==> flow/design.v <==
module dp_registers_stage #(
  parameter NWORDS = 6,
  parameter DATA_WIDTH = 32,
  parameter NR = 1,
  parameter WPORTS = 1,
  parameter AW = $clog2(NWORDS)
) (
  input wire i_clk,
  input wire clr,
  input wire [WPORTS-1:0] load_in,
  input wire [WPORTS*AW-1:0] wsel_in,
  input wire [WPORTS*DATA_WIDTH-1:0] d_in,
  input wire [NR*AW-1:0] ra_in,
  output wire [NR*DATA_WIDTH-1:0] dout_out
);
  reg [DATA_WIDTH-1:0] store [NWORDS-1:0];
  integer k;
  always @(posedge i_clk) begin
    for (k = 0; k < WPORTS; k = k + 1)
      if (load_in[k]) store[wsel_in[k*AW +: AW]] <= d_in[k*DATA_WIDTH +: DATA_WIDTH];
  end
  wire [NR*DATA_WIDTH-1:0] cur;
  genvar jj;
  generate
    for (jj = 0; jj < NR; jj = jj + 1) begin : stage
      assign cur[jj*DATA_WIDTH +: DATA_WIDTH] = store[ra_in[jj*AW +: AW]];
    end
  endgenerate
  reg [NR*DATA_WIDTH-1:0] r_dout;
  assign dout_out = r_dout;
  always @(posedge i_clk or posedge clr) begin
    if (clr) begin
      r_dout <= 0;
    end else begin
      r_dout <= cur;
    end
  end
endmodule
======== From RTL to reports: dp_registers_stage ========
The steps from the RTL of dp_registers_stage to its reports follow in flow order.
Line numbers count from 1 in the design file above.
Library cell names are shortened.
Not given: n/a
inputs
  top module .............................. dp_registers_stage
  clock input ............................. i_clk
  cell library ............................ sky130hd
  corner .................................. tt_025C_1v80

======== Elaborated design ========
Yosys after proc, flatten, opt, wreduce and memory -nomap, before mapping. Enables and synchronous resets that opt folds into registers are not counted as muxes. Memory bits, and registers merged into a memory's read port (data or address), are not among the register bits. Print and check cells are not counted. Equal cells are merged and count once.
Memory sizes are those after Yosys's memory passes, which may raise the word count (mostly to a power of two), join words into wider ones and drop unused or constant bits.
word-level totals
  cells after elaboration ................. 4
  flip-flop bits (word level) ............. 0
  memory cells ............................ 1
  input port bits ......................... 41
  word width x clocked read ports ......... 32
  memory bits (writable) .................. 192
operators by class
  muxes and demuxes ....................... 3
memories
  name   depth  width  rd ports  wr ports  RTL line  source
  store  6      32     1         1         16        reg [DATA_WIDTH-1:0] store [NWORDS-1:0];
operator list
  cell                number
  two-way mux 32 bit  1
  two-way mux 3 bit   1
  two-way mux 1 bit   1

======== Longest topological paths ========
Depth = most cells in a row (Yosys ltp): at word level without a register or memory, in the mapped netlist without a sequential cell, where the memories' decode and read muxes count.
logic depth
  word-level depth ........................ 1
  ABC_AREA ................................ 0
  gate-level depth with buffers ........... 4
  gate-level depth less buffers ........... 2

======== After synthesis ========
The flow's flattened synthesis, as Yosys stat reports it; memories are mapped. The netlist is that of the ABC_AREA named above (0 if unset); the other value can give another one.
The area totals of this step are shown rounded.
mapped netlist
  chip area (Yosys) ....................... 0.00818 sq mm
  mapped flip-flops ....................... 224
  sequential part of the area ............. 0.00657 sq mm
  buffer cells ............................ 14
  mapped cells ............................ 345
cells by type
  type      number
  edfxtp_1  192
  dfrtp_1   32
  mux4_2    32
  mux2_2    35
  mux2_1    27
  buf_6     7
  mux2_4    2
  buf_2     4
  nand2b_1  3
  nor2_1    4
  clkbuf_1  3
  nor3_1    2
  inv_1     1
  nand2_1   1

======== Path before layout ========
Source: OpenSTA report_checks on the synthesized netlist (no wires, ideal clock, input and output delay 20% of the period each), path of least setup slack; recovery checks are left aside. Register names are those of the netlist, which keeps one name where synthesis merged equal registers.
path after synthesis
  kind .................................... input-to-reg
  start point ............................. in wsel_in[0]
  end point ............................... mem store[0][0]
  period .................................. 4420 ps
  input delay ............................. 884 ps
  library setup time ...................... 461 ps
  stages .................................. 2
  delay of the path ....................... 2829 ps
  required time ........................... 3959 ps
  setup slack ............................. 707 ps
  time at the first pin ................... 884 ps
  arrival ................................. 3252 ps
  buffers on the path ..................... 0
  period reached after synthesis .......... 3713 ps
"delay of the path" = arrival - input delay + setup time.
"stages": output pins that drive a net of the path, with the launching flip-flop's if there is one; two outputs of one cell count as two.
"period reached after synthesis" is the clock period less the worst setup slack; recovery checks do not enter. This is arithmetic on one report: input and output delays are still those of the set period (20% each).
The rows between start and end are the longest chain of elaborated cells between them; the timing report does not say that the signal goes this way. Where chains are equally long, one stands for them.
A line is the first line of the expression or statement that the cell stems from. Yosys adds cells for indexed reads and writes and turns some case tables into memories.
on the way, after synthesis
  cell sequence ........................... nand2b_1 -> nor3_1
  length of the longest elaborated chain .. 1
RTL lines, path after synthesis
  item               RTL line  source
  start, declared    11        input wire [WPORTS*AW-1:0] wsel_in,
  two-way mux 3 bit  20        if (load_in[k]) store[wsel_in[k*AW +: AW]] <= d_in[k*DATA_WIDTH +: DATA_WIDTH];
  end, declared      16        reg [DATA_WIDTH-1:0] store [NWORDS-1:0];

======== Worst path after layout ========
Path of least setup slack in the final report of entry A (OpenROAD, finished layout, wires in). Where an end is a register, its clock arrival counts in the times.
The report prints the path's times to 10 ps; the period is as set.
path post-layout
  kind .................................... reg-to-output
  start point ............................. reg r_dout[23]
  end point ............................... out dout_out[23]
  arrival ................................. 1570 ps
  setup slack ............................. 1790 ps
  time at the first pin ................... 490 ps
  period .................................. 4200 ps
  output delay ............................ 840 ps
  stages .................................. 2
  buffers on the path ..................... 1
  required time ........................... 3360 ps
on the way, post-layout
  cell sequence ........................... dfrtp_1 -> clkdlybuf4s50_1
  length of the longest elaborated chain .. 0
RTL lines, path post-layout
  item             RTL line  source
  start, declared  29        reg [NR*DATA_WIDTH-1:0] r_dout;
  end, declared    14        output wire [NR*DATA_WIDTH-1:0] dout_out

Below are 3 stored runs of the flow (Yosys, OpenROAD; platform sky130hd) on dp_registers_stage, each with its settings and what was measured, unordered. Constraints: input delay and output delay 20% of the set period each, output load 0.01 pF.
"clock period achieved": clock period set for the run, less the worst setup slack. It is reckoned from that one timing run; input and output delays stay at 20% of the period that was set.
"worst setup path time": the worst setup path's part of the clock period (all of it between registers, 20% less for each end at a port) less its slack. A launch clock that arrives late makes it longer, a capture clock that arrives late makes it shorter.
"total power after layout": no workload was simulated; the value follows from the tool's default switching activity.
"worst setup path time" is given in steps of 10 ps.
The measured numbers are rounded.

======== entry A ========
==> flow/run.sh <==
#!/bin/bash
# the make line also repeats the synthesis and layout settings of config.mk as NAME=value (left out here)
make -C /OpenROAD-flow-scripts/flow DESIGN_CONFIG=/design/flow/config.mk WORK_HOME=/design/flow/orfs CLKGATE_MAP_FILE= finish
==> flow/config.mk <==
export PLATFORM = sky130hd
export DESIGN_NAME = dp_registers_stage
export DESIGN_NICKNAME = dp_registers_stage
export VERILOG_FILES = /design/flow/design.v
export SDC_FILE = /design/flow/constraint.sdc
export NUM_CORES = 4
export LEC_CHECK = 0
export CAP_MARGIN = 20
export CORE_MARGIN = 2
export CORE_UTILIZATION = 15
export GPL_ROUTABILITY_DRIVEN = 1
export GPL_TIMING_DRIVEN = 1
export PLACE_DENSITY = 0.93
export SLEW_MARGIN = 20
==> flow/constraint.sdc <==
create_clock -name core_clock -period 4.2 [get_ports {i_clk}]
set_input_delay 0.8400 -clock core_clock [delete_from_list [all_inputs] [get_ports {i_clk}]]
set_output_delay 0.8400 -clock core_clock [all_outputs]
set_load 0.01 [all_outputs]

-------- measured, entry A --------
  total negative slack .................... 0 ps
  worst setup slack after layout .......... 1790 ps
  cell area after synthesis ............... 0.00818 sq mm
  total power after layout ................ 4790 uW
  utilization in the final report ......... 19.5 %
  standard-cell area after routing ........ 0.0105 sq mm
  worst setup path time ................... 1570 ps
  kind of the worst setup path ............ reg-to-output
  area of the die ......................... 0.0564 sq mm
  lowest hold slack ....................... 558 ps
  clock period achieved ................... 2409 ps

======== entry B ========
==> flow/run.sh <==
#!/bin/bash
# the make line also repeats the synthesis and layout settings of config.mk as NAME=value (left out here)
make -C /OpenROAD-flow-scripts/flow DESIGN_CONFIG=/design/flow/config.mk WORK_HOME=/design/flow/orfs CLKGATE_MAP_FILE= finish
==> flow/config.mk <==
export PLATFORM = sky130hd
export DESIGN_NAME = dp_registers_stage
export DESIGN_NICKNAME = dp_registers_stage
export VERILOG_FILES = /design/flow/design.v
export SDC_FILE = /design/flow/constraint.sdc
export NUM_CORES = 4
export LEC_CHECK = 0
export CAP_MARGIN = 20
export CORE_MARGIN = 2
export CORE_UTILIZATION = 40
export SLEW_MARGIN = 20
==> flow/constraint.sdc <==
create_clock -name core_clock -period 4.42 [get_ports {i_clk}]
set_input_delay 0.8840 -clock core_clock [delete_from_list [all_inputs] [get_ports {i_clk}]]
set_output_delay 0.8840 -clock core_clock [all_outputs]
set_load 0.01 [all_outputs]

-------- measured, entry B --------
  total negative slack .................... 0 ps
  worst setup slack after layout .......... 2120 ps
  cell area after synthesis ............... 0.00818 sq mm
  total power after layout ................ 4520 uW
  utilization in the final report ......... 49.6 %
  standard-cell area after routing ........ 0.01 sq mm
  worst setup path time ................... 1420 ps
  kind of the worst setup path ............ reg-to-output
  area of the die ......................... 0.0216 sq mm
  lowest hold slack ....................... 557 ps
  clock period achieved ................... 2302 ps

======== entry C ========
==> flow/run.sh <==
#!/bin/bash
# the make line also repeats the synthesis and layout settings of config.mk as NAME=value (left out here)
make -C /OpenROAD-flow-scripts/flow DESIGN_CONFIG=/design/flow/config.mk WORK_HOME=/design/flow/orfs CLKGATE_MAP_FILE= finish
==> flow/config.mk <==
export PLATFORM = sky130hd
export DESIGN_NAME = dp_registers_stage
export DESIGN_NICKNAME = dp_registers_stage
export VERILOG_FILES = /design/flow/design.v
export SDC_FILE = /design/flow/constraint.sdc
export NUM_CORES = 4
export LEC_CHECK = 0
export ABC_AREA = 0
export CAP_MARGIN = 5
export CELL_PAD_IN_SITES_GLOBAL_PLACEMENT = 1
export CORE_MARGIN = 2
export CORE_UTILIZATION = 38
export CTS_CLUSTER_SIZE = 90
export GPL_ROUTABILITY_DRIVEN = 0
export HOLD_SLACK_MARGIN = 0.13
export PLACE_DENSITY = 0.59
export SETUP_SLACK_MARGIN = 0.4
export SLEW_MARGIN = 20
==> flow/constraint.sdc <==
create_clock -name core_clock -period 5.59 [get_ports {i_clk}]
set_input_delay 1.1180 -clock core_clock [delete_from_list [all_inputs] [get_ports {i_clk}]]
set_output_delay 1.1180 -clock core_clock [all_outputs]
set_load 0.01 [all_outputs]

-------- measured, entry C --------
  total negative slack .................... 0 ps
  worst setup slack after layout .......... 2980 ps
  cell area after synthesis ............... 0.00818 sq mm
  total power after layout ................ 3500 uW
  utilization in the final report ......... 47.1 %
  standard-cell area after routing ........ 0.00994 sq mm
  worst setup path time ................... 1490 ps
  kind of the worst setup path ............ input-to-reg
  area of the die ......................... 0.0227 sq mm
  lowest hold slack ....................... 558 ps
  clock period achieved ................... 2607 ps
